==> flow/design.v <==
module my_muxn_mod #(
    parameter DATA_WIDTH = 8,
    parameter INPUTS = 20,
    parameter LG = $clog2(INPUTS)
) (
    input wire clk,
    input wire aresetn,
    input wire [INPUTS*DATA_WIDTH-1:0] i_in,
    input wire [LG-1:0] i_idx,
    output reg [DATA_WIDTH-1:0] o_result
);
    reg [DATA_WIDTH-1:0] t;
    integer k;
    always @* begin
        t = 0;
        for (k = 0; k < INPUTS; k = k + 1)
            if (i_idx == k) t = i_in[k*DATA_WIDTH +: DATA_WIDTH];
    end
    always @(posedge clk or negedge aresetn) begin
        if (~aresetn) begin
            o_result <= 0;
        end else begin
            o_result <= t;
        end
    end
endmodule
# Step by step through the tools: my_muxn_mod
# What the tools print for my_muxn_mod, step after step.
# Lines are those of the file above, counted from 1.
# Cell names lack the library's common part.
# The mark - stands for no value.
# inputs
top_module,my_muxn_mod
clock,clk
library,sky130hd
pvt_corner,tt_025C_1v80

# Word level
# Source: Yosys, flattened and elaborated, memories not mapped. Widths are those after wreduce; folded enables and synchronous resets count as part of the registers. Registers that Yosys merges into a memory's read port (data or address) are not register bits. Print and check cells do not count. Equal cells are merged and count once.
# word_totals
ff_bits,8
in_bits,167
# classes
mux,20
reduce_logical,1
n_eq,19
# op_table
op,count
two-way mux 8 bit,20
== test 5 x 4 -> 1 bit (second input constant),8
== test 5 x 3 -> 1 bit (second input constant),4
== test 5 bit (second input constant),4
== test 5 x 2 -> 1 bit (second input constant),2
== test 5 x 1 -> 1 bit (second input constant),1
zero test 5 bit,1

# Longest topological paths
# Longest topological path by Yosys (ltp), each cell counted once; first at word level (registers and memories cut), then after technology mapping (sequential cells cut; the memories' decode and read muxes count).
# depth
word_depth,21
ABC_AREA,0
mapped_depth,8
mapped_depth_nobuf,5

# After synthesis
# Source: synth_stat.txt of the flow (Yosys; design flattened, memories mapped). It holds for the ABC_AREA given above (unset counts as 0); a run with the other value may have another netlist.
# Totals and module areas in this step are rounded.
# mapped
ff_cells,8
cell_count,285
mapped_area_mm2,0.00204
buffers,26
# types
type,count,type_area_um2
dfrtp_1,8,200.192
a21oi_1,23,115.11
mux2i_1,9,90.086
o22ai_1,14,87.584
nand3_1,17,85.082
o21ai_0,15,75.072
nand2_1,19,71.318
a32o_1,7,70.067
and3b_1,8,70.067
buf_2,14,70.067
nor2b_1,11,68.816
mux4_2,3,67.565
mux2_2,5,56.304
nor2_1,15,56.304
a221oi_1,6,52.55
a32oi_1,6,52.55
a221o_1,5,50.048
o211ai_1,6,45.043
# Other cell types: 36; their cells: 94.

# Timing after synthesis
# Source: OpenSTA report_checks on the synthesized netlist (no wires, ideal clock, input and output delay 20% of the period each), path of least setup slack; recovery checks are left aside. Register names are those of the netlist, which keeps one name where synthesis merged equal registers.
# synth_timing
path_kind,input port to flip-flop
start,input port i_idx[4]
end,register o_result[7]
delay_ns,1.496
path_slack_ns,0.376
in_delay_ns,0.468
arrival_time_ns,1.842
tclk_ns,2.34
n_path_buf,1
setup_ns,0.122
launch_ns,0.468
path_stages,5
period_less_setup_slack_ns,1.964
# "delay_ns" is the arrival time less input delay plus setup time.
# "path_stages": output pins that drive a net of the path, with the launching flip-flop's if there is one; two outputs of one cell count as two.
# "period_less_setup_slack_ns" is the clock period less the worst setup slack; recovery checks do not enter. This is arithmetic on one report: input and output delays are still those of the set period (20% each).
# The rows between start and end are the longest chain of elaborated cells between them; the timing report does not say that the signal goes this way. Where chains are equally long, one stands for them.
# A line is the first line of the expression or statement that the cell stems from. Yosys adds cells for indexed reads and writes and turns some case tables into memories.
# synth_between
cell_sequence,buf_2 -> nor3b_2 -> a221o_1 -> or4_1 -> a32o_1
elab_chain_len,21
cells_between,40
# synth_rtl
element,line_no,text
"start, declared",9,"input wire [LG-1:0] i_idx,"
zero test 5 bit,17,if (i_idx == k) t = i_in[k*DATA_WIDTH +: DATA_WIDTH];
two-way mux 8 bit x20,17,
"end, assigned",21,o_result <= 0;
"end, assigned",23,o_result <= t;
"end, declared",10,output reg [DATA_WIDTH-1:0] o_result

# Path in the finished layout
# Path of least setup slack in the final report of entry A (OpenROAD, finished layout, wires in). Where an end is a register, its clock arrival counts in the times.
# layout_timing
path_kind,input port to flip-flop
start,input port i_idx[3]
end,register o_result[4]
setup_ns,0.13
tclk_ns,2.34
arrival_time_ns,2.39
path_stages,7
n_path_buf,2
path_slack_ns,0.05
launch_ns,0.47
in_delay_ns,0.47
# The rows between start and end are the longest chain of elaborated cells between them; the timing report does not say that the signal goes this way. Where chains are equally long, one stands for them.
# layout_between
cell_sequence,clkdlybuf4s50_1 -> buf_4 -> nor2b_1 -> nand3_1 -> o221a_2 -> o22ai_1 -> a21oi_1
elab_chain_len,21
cells_between,40
# layout_rtl
element,line_no,text
"start, declared",9,"input wire [LG-1:0] i_idx,"
zero test 5 bit,17,if (i_idx == k) t = i_in[k*DATA_WIDTH +: DATA_WIDTH];
two-way mux 8 bit x20,17,
"end, assigned",21,o_result <= 0;
"end, assigned",23,o_result <= t;
"end, declared",10,output reg [DATA_WIDTH-1:0] o_result

# Design my_muxn_mod on sky130hd. What follows are 3 stored runs of the flow, each under its own settings; their order means nothing. The constraints put input and output delay at 20% of the set period each and load the outputs with 0.01 pF.
# "achieved_period_ns" is the run's clock period less its worst setup slack. It is reckoned from that one timing run; input and output delays stay at 20% of the period that was set.
# "worst_path_allowed_less_slack_ns" = time allowed to the worst setup path (clock period - input delay - output delay, where it has them) - its slack; a late launch clock adds to it, a late capture clock takes from it.
# "power_total_uw" rests on the timing tool's default activity at the inputs, not on a simulated workload.
# The results are shown rounded.
# A setting shown as . is not set for that run.
# A result given as . is not shown for that run.
run name,period_ns,CAP_MARGIN,CORE_MARGIN,CORE_UTILIZATION,SLEW_MARGIN,SETUP_SLACK_MARGIN,PLACE_DENSITY_LB_ADDON,CORE_ASPECT_RATIO,CELL_PAD_IN_SITES_GLOBAL_PLACEMENT,GPL_ROUTABILITY_DRIVEN,CTS_CLUSTER_SIZE,MIN_ROUTING_LAYER,TNS_END_PERCENT,CTS_CLUSTER_DIAMETER,post_synth_area_mm2,design_die_area_mm2,final_cell_area_mm2,fin_util_pct,timing.setup.ws_ns,tns_ns,power_total_uw,achieved_period_ns,worst_path_allowed_less_slack_ns,worstPathKind
entry A,2.34,20,2,40,20,.,.,.,.,.,.,.,.,.,0.00204,0.00568,0.00425,88.2,0.051,0.000,1050,2.289,1.82,input port to flip-flop
entry B,1.57,20,6,48,5,0.22,0.15,1.37,0,1,76,met1,.,.,.,.,.,.,.,.,.,.,.,.
entry C,1.43,20,10,39,30,.,0.23,.,3,1,93,met2,10,259,.,.,.,.,.,.,.,.,.,.
# Entry B: unfinished; error FLW-0024 in placement
# Entry C: unfinished; error FLW-0024 in placement
